==> flow/design.v <==
module u_adder_p #(
  parameter DW = 14
) (
  input  core_clk,
  input  clr,
  input  [DW-1:0] in_da,
  input  [DW-1:0] in_db,
  input  in_cin,
  output [DW-1:0] out_s,
  output out_co
);
  wire [DW-1:0] nxt;
  wire [DW:0] carry;
  assign carry[0] = in_cin;
  genvar g;
  generate
    for (g = 0; g < DW; g = g + 1) begin : slice
      assign nxt[g] = in_da[g] ^ in_db[g] ^ carry[g];
      assign carry[g+1] = (in_da[g] & in_db[g]) | (carry[g] & (in_da[g] ^ in_db[g]));
    end
  endgenerate
  reg [DW-1:0] s_reg;
  always @(posedge core_clk or posedge clr) begin
    if (clr) begin
      s_reg <= 0;
    end else begin
      s_reg <= nxt;
    end
  end
  assign out_s = s_reg;
  reg co_reg;
  always @(posedge core_clk or posedge clr) begin
    if (clr) begin
      co_reg <= 1'b0;
    end else begin
      co_reg <= carry[DW];
    end
  end
  assign out_co = co_reg;
endmodule
; ---- Tool chain data of u_adder_p
; The steps from the RTL of u_adder_p to its reports follow in flow order.
; Lines are those of the file above, counted from 1.
; Operators carry their Yosys type and port widths (W data, S select, Z words).
; Library cell names are shortened.
; Not given: n/a
[design]
top_module = u_adder_p
clock_port = core_clk
lib = sky130hd
lib_corner = tt_025C_1v80

; ---- After elaboration
; Yosys after proc, flatten, opt, wreduce and memory -nomap, before mapping. Enables and synchronous resets that opt folds into registers are not counted as muxes. Memory bits, and registers merged into a memory's read port (data or address), are not among the register bits. Print and check cells are not counted. Equal cells are merged and count once.
[bits]
register_bits = 15
in_bits = 31
out_inout_bits = 15
[op_classes]
n_logic = 70
[ops]
columns = op, count
row1 = $and A1 B1 Y1, 28
row2 = $xor A1 B1 Y1, 28
row3 = $or A1 B1 Y1, 14

; ---- Depth
; Yosys ltp: most cells in a row. Word level: on the elaborated netlist, between registers, memories and ports. Mapped: between sequential cells and ports; inverters and the memories' decode and read muxes count.
[depth]
depth_word = 29
abc_area = 0
depth_mapped = 18
depth_no_buf = 18

; ---- Synthesis result
; Yosys stat after the flow's synthesis: flattened, memories mapped to cells. It holds for the ABC_AREA given above (unset counts as 0); a run with the other value may have another netlist.
[types]
columns = cell_type, count, area_total_um2
row1 = dfrtp_1, 15, 375.36
row2 = fa_1, 14, 280.269
row3 = inv_1, 11, 41.29
[mapped]
mapped_cells = 40
yosys_area_um2 = 696.9
seq_area_um2 = 375.4
ffs = 15
buffers = 0

; ---- Timing after synthesis
; Source: OpenSTA report_checks on the synthesized netlist (no wires, ideal clock, input and output delay 20% of the period each), path of least setup slack; recovery checks are left aside. Register names are those of the netlist, which keeps one name where synthesis merged equal registers.
[synth_path]
path_kind = input to register
from = input port in_da[0]
to = register s_reg[13]
tclk_ps = 8390
in_delay_ps = 1678
arrival_time_ps = 6981
setup_slack_ps = 1345
delay_ps = 5367
driving_pins = 18
n_path_buf = 0
synth_period_reached_ps = 7045
; "delay_ps" = arrival - input delay + setup time.
; "driving_pins" counts driving pins, that of a launching flip-flop among them; a cell with two outputs on the path counts twice.
; "synth_period_reached_ps" is the clock period less the worst setup slack; recovery checks do not enter. This is arithmetic on one report: input and output delays are still those of the set period (20% each).
; The rows between start and end are the longest chain of elaborated cells between them; the timing report does not say that the signal goes this way. Where chains are equally long, one stands for them.
; Each line given opens the expression or statement behind the cell; cells for indexed reads and writes are added by Yosys, which also makes memories of some case tables.
[synth_via]
path_cell_list = fa_1 > fa_1 > fa_1 > fa_1 > fa_1 > fa_1 > fa_1 > fa_1 > fa_1 > fa_1 > fa_1 > inv_1 > fa_1 > inv_1 > fa_1 > inv_1 > fa_1 > inv_1
elab_chain_cells = 28
cells_between = 29
[synth_lines]
columns = element, line
row1 = start: declaration, 6  ; input  [DW-1:0] in_da,
row2 = $xor A1 B1 Y1, 19  ; assign carry[g+1] = (in_da[g] & in_db[g]) | (carry[g] & (in_da[g] ^ in_db[g]));
row3 = $and A1 B1 Y1, 19
row4 = $or A1 B1 Y1, 19
row5 = $and A1 B1 Y1, 19
row6 = $or A1 B1 Y1, 19
row7 = $and A1 B1 Y1, 19
row8 = $or A1 B1 Y1, 19
row9 = (+14 left out), n/a
row10 = $and A1 B1 Y1, 19
row11 = $or A1 B1 Y1, 19
row12 = $and A1 B1 Y1, 19
row13 = $or A1 B1 Y1, 19
row14 = $and A1 B1 Y1, 19
row15 = $or A1 B1 Y1, 19
row16 = $xor A1 B1 Y1, 18  ; assign nxt[g] = in_da[g] ^ in_db[g] ^ carry[g];
row17 = end: assignment, 25  ; s_reg <= 0;
row18 = end: assignment, 27  ; s_reg <= nxt;
row19 = end: declaration, 22  ; reg [DW-1:0] s_reg;

; ---- Path in the finished layout
; Path of least setup slack in the final report of record 1 (OpenROAD, finished layout, wires in). Where an end is a register, its clock arrival counts in the times.
; The path's times are printed in steps of 10 ps; the period is the one set.
[layout_path]
path_kind = input to register
from = input port in_cin
to = register s_reg[13]
tclk_ps = 6720
in_delay_ps = 1340
arrival_time_ps = 6860
setup_slack_ps = 110
driving_pins = 19
n_path_buf = 1
; The rows between start and end are the longest chain of elaborated cells between them; the timing report does not say that the signal goes this way. Where chains are equally long, one stands for them.
[layout_via]
path_cell_list = buf_6 > fa_2 > fa_2 > fa_2 > fa_2 > fa_2 > fa_2 > fa_2 > fa_2 > fa_2 > fa_2 > fa_2 > inv_2 > fa_2 > inv_2 > fa_2 > inv_2 > fa_1 > inv_1
elab_chain_cells = 27
cells_between = 27
cone_lines = 2
[layout_lines]
columns = element, line
row1 = start: declaration, 8  ; input  in_cin,
row2 = $and A1 B1 Y1, 19  ; assign carry[g+1] = (in_da[g] & in_db[g]) | (carry[g] & (in_da[g] ^ in_db[g]));
row3 = $or A1 B1 Y1, 19
row4 = $and A1 B1 Y1, 19
row5 = $or A1 B1 Y1, 19
row6 = $and A1 B1 Y1, 19
row7 = $or A1 B1 Y1, 19
row8 = $and A1 B1 Y1, 19
row9 = (+13 left out), n/a
row10 = $and A1 B1 Y1, 19
row11 = $or A1 B1 Y1, 19
row12 = $and A1 B1 Y1, 19
row13 = $or A1 B1 Y1, 19
row14 = $and A1 B1 Y1, 19
row15 = $or A1 B1 Y1, 19
row16 = $xor A1 B1 Y1, 18  ; assign nxt[g] = in_da[g] ^ in_db[g] ^ carry[g];
row17 = end: assignment, 25  ; s_reg <= 0;
row18 = end: assignment, 27  ; s_reg <= nxt;
row19 = end: declaration, 22  ; reg [DW-1:0] s_reg;

Appendix: measured runs

Stored flow runs of u_adder_p (3 of them; Yosys, OpenROAD, sky130hd). They differ in their settings and are not a sequence. Constraints: input delay and output delay 20% of the set period each, output load 0.01 pF.
"achievedPeriod_ps" = clock period - worst setup slack. The figure is calculated, with input and output delays left at 20% of the set period.
"critical_path_time_ps": the worst setup path's part of the clock period (all of it between registers, 20% less for each end at a port) less its slack. A launch clock that arrives late makes it longer, a capture clock that arrives late makes it shorter.
By "final_power_uw" is meant OpenSTA's value without simulated activity: inputs other than the clock are taken to toggle once in ten clock periods, and the tool carries that through the logic.
"critical_path_time_ps" is known to 10 ps.

# record 1
==> flow/run.sh <==
#!/bin/bash
# the make line also repeats the synthesis and layout settings of config.mk as NAME=value (left out here)
make -C /OpenROAD-flow-scripts/flow DESIGN_CONFIG=/design/flow/config.mk WORK_HOME=/design/flow/orfs CLKGATE_MAP_FILE= finish
==> flow/config.mk <==
export PLATFORM = sky130hd
export DESIGN_NAME = u_adder_p
export DESIGN_NICKNAME = u_adder_p
export VERILOG_FILES = /design/flow/design.v
export SDC_FILE = /design/flow/constraint.sdc
export NUM_CORES = 4
export LEC_CHECK = 0
export ABC_AREA = 0
export CAP_MARGIN = 30
export CORE_ASPECT_RATIO = 1.44
export CORE_MARGIN = 7
export CORE_UTILIZATION = 48
export CTS_CLUSTER_DIAMETER = 87
export GPL_ROUTABILITY_DRIVEN = 0
export GPL_TIMING_DRIVEN = 0
export MIN_ROUTING_LAYER = met2
export PLACE_DENSITY = 0.57
export SLEW_MARGIN = 20
==> flow/constraint.sdc <==
create_clock -name core_clock -period 6.72 [get_ports {core_clk}]
set_input_delay 1.3440 -clock core_clock [delete_from_list [all_inputs] [get_ports {core_clk}]]
set_output_delay 1.3440 -clock core_clock [all_outputs]
set_load 0.01 [all_outputs]

==> record 1: results <==
timing.setup.ws_ps=114
util_pct=89.9
final_power_uw=276.9
achievedPeriod_ps=6606
tns_setup_ps=0
die_footprint_um2=2732.7
post_route_stdcell_area_um2=1223.7
synthesis_area_um2=696.9
critical_path_time_ps=5260
critical_path_type="input to register"

# record 2
==> flow/run.sh <==
#!/bin/bash
# the make line also repeats the synthesis and layout settings of config.mk as NAME=value (left out here)
make -C /OpenROAD-flow-scripts/flow DESIGN_CONFIG=/design/flow/config.mk WORK_HOME=/design/flow/orfs CLKGATE_MAP_FILE= finish
==> flow/config.mk <==
export PLATFORM = sky130hd
export DESIGN_NAME = u_adder_p
export DESIGN_NICKNAME = u_adder_p
export VERILOG_FILES = /design/flow/design.v
export SDC_FILE = /design/flow/constraint.sdc
export NUM_CORES = 4
export LEC_CHECK = 0
export CAP_MARGIN = 20
export CORE_MARGIN = 2
export CORE_UTILIZATION = 40
export SLEW_MARGIN = 20
==> flow/constraint.sdc <==
create_clock -name core_clock -period 8.39 [get_ports {core_clk}]
set_input_delay 1.6780 -clock core_clock [delete_from_list [all_inputs] [get_ports {core_clk}]]
set_output_delay 1.6780 -clock core_clock [all_outputs]
set_load 0.01 [all_outputs]

==> record 2: results <==
timing.setup.ws_ps=959
util_pct=70.8
final_power_uw=196.1
achievedPeriod_ps=7431
tns_setup_ps=0
die_footprint_um2=2092.2
post_route_stdcell_area_um2=1196.2
synthesis_area_um2=696.9
critical_path_time_ps=5750
critical_path_type="input to register"

# record 3
==> flow/run.sh <==
#!/bin/bash
# the make line also repeats the synthesis and layout settings of config.mk as NAME=value (left out here)
make -C /OpenROAD-flow-scripts/flow DESIGN_CONFIG=/design/flow/config.mk WORK_HOME=/design/flow/orfs CLKGATE_MAP_FILE= finish
==> flow/config.mk <==
export PLATFORM = sky130hd
export DESIGN_NAME = u_adder_p
export DESIGN_NICKNAME = u_adder_p
export VERILOG_FILES = /design/flow/design.v
export SDC_FILE = /design/flow/constraint.sdc
export NUM_CORES = 4
export LEC_CHECK = 0
export ABC_AREA = 1
export CAP_MARGIN = 10
export CORE_MARGIN = 2
export CORE_UTILIZATION = 43
export GPL_ROUTABILITY_DRIVEN = 0
export MAX_ROUTING_LAYER = met4
export PLACE_DENSITY_LB_ADDON = 0.03
export SETUP_SLACK_MARGIN = 0.02
export SLEW_MARGIN = 15
export TNS_END_PERCENT = 50
==> flow/constraint.sdc <==
create_clock -name core_clock -period 6.02 [get_ports {core_clk}]
set_input_delay 1.2040 -clock core_clock [delete_from_list [all_inputs] [get_ports {core_clk}]]
set_output_delay 1.2040 -clock core_clock [all_outputs]
set_load 0.01 [all_outputs]

==> record 3: results <==
timing.setup.ws_ps=-62
util_pct=81.1
final_power_uw=280.3
achievedPeriod_ps=6082
tns_setup_ps=-62
die_footprint_um2=1959.0
post_route_stdcell_area_um2=1222.4
synthesis_area_um2=696.9
critical_path_time_ps=4880
critical_path_type="input to register"
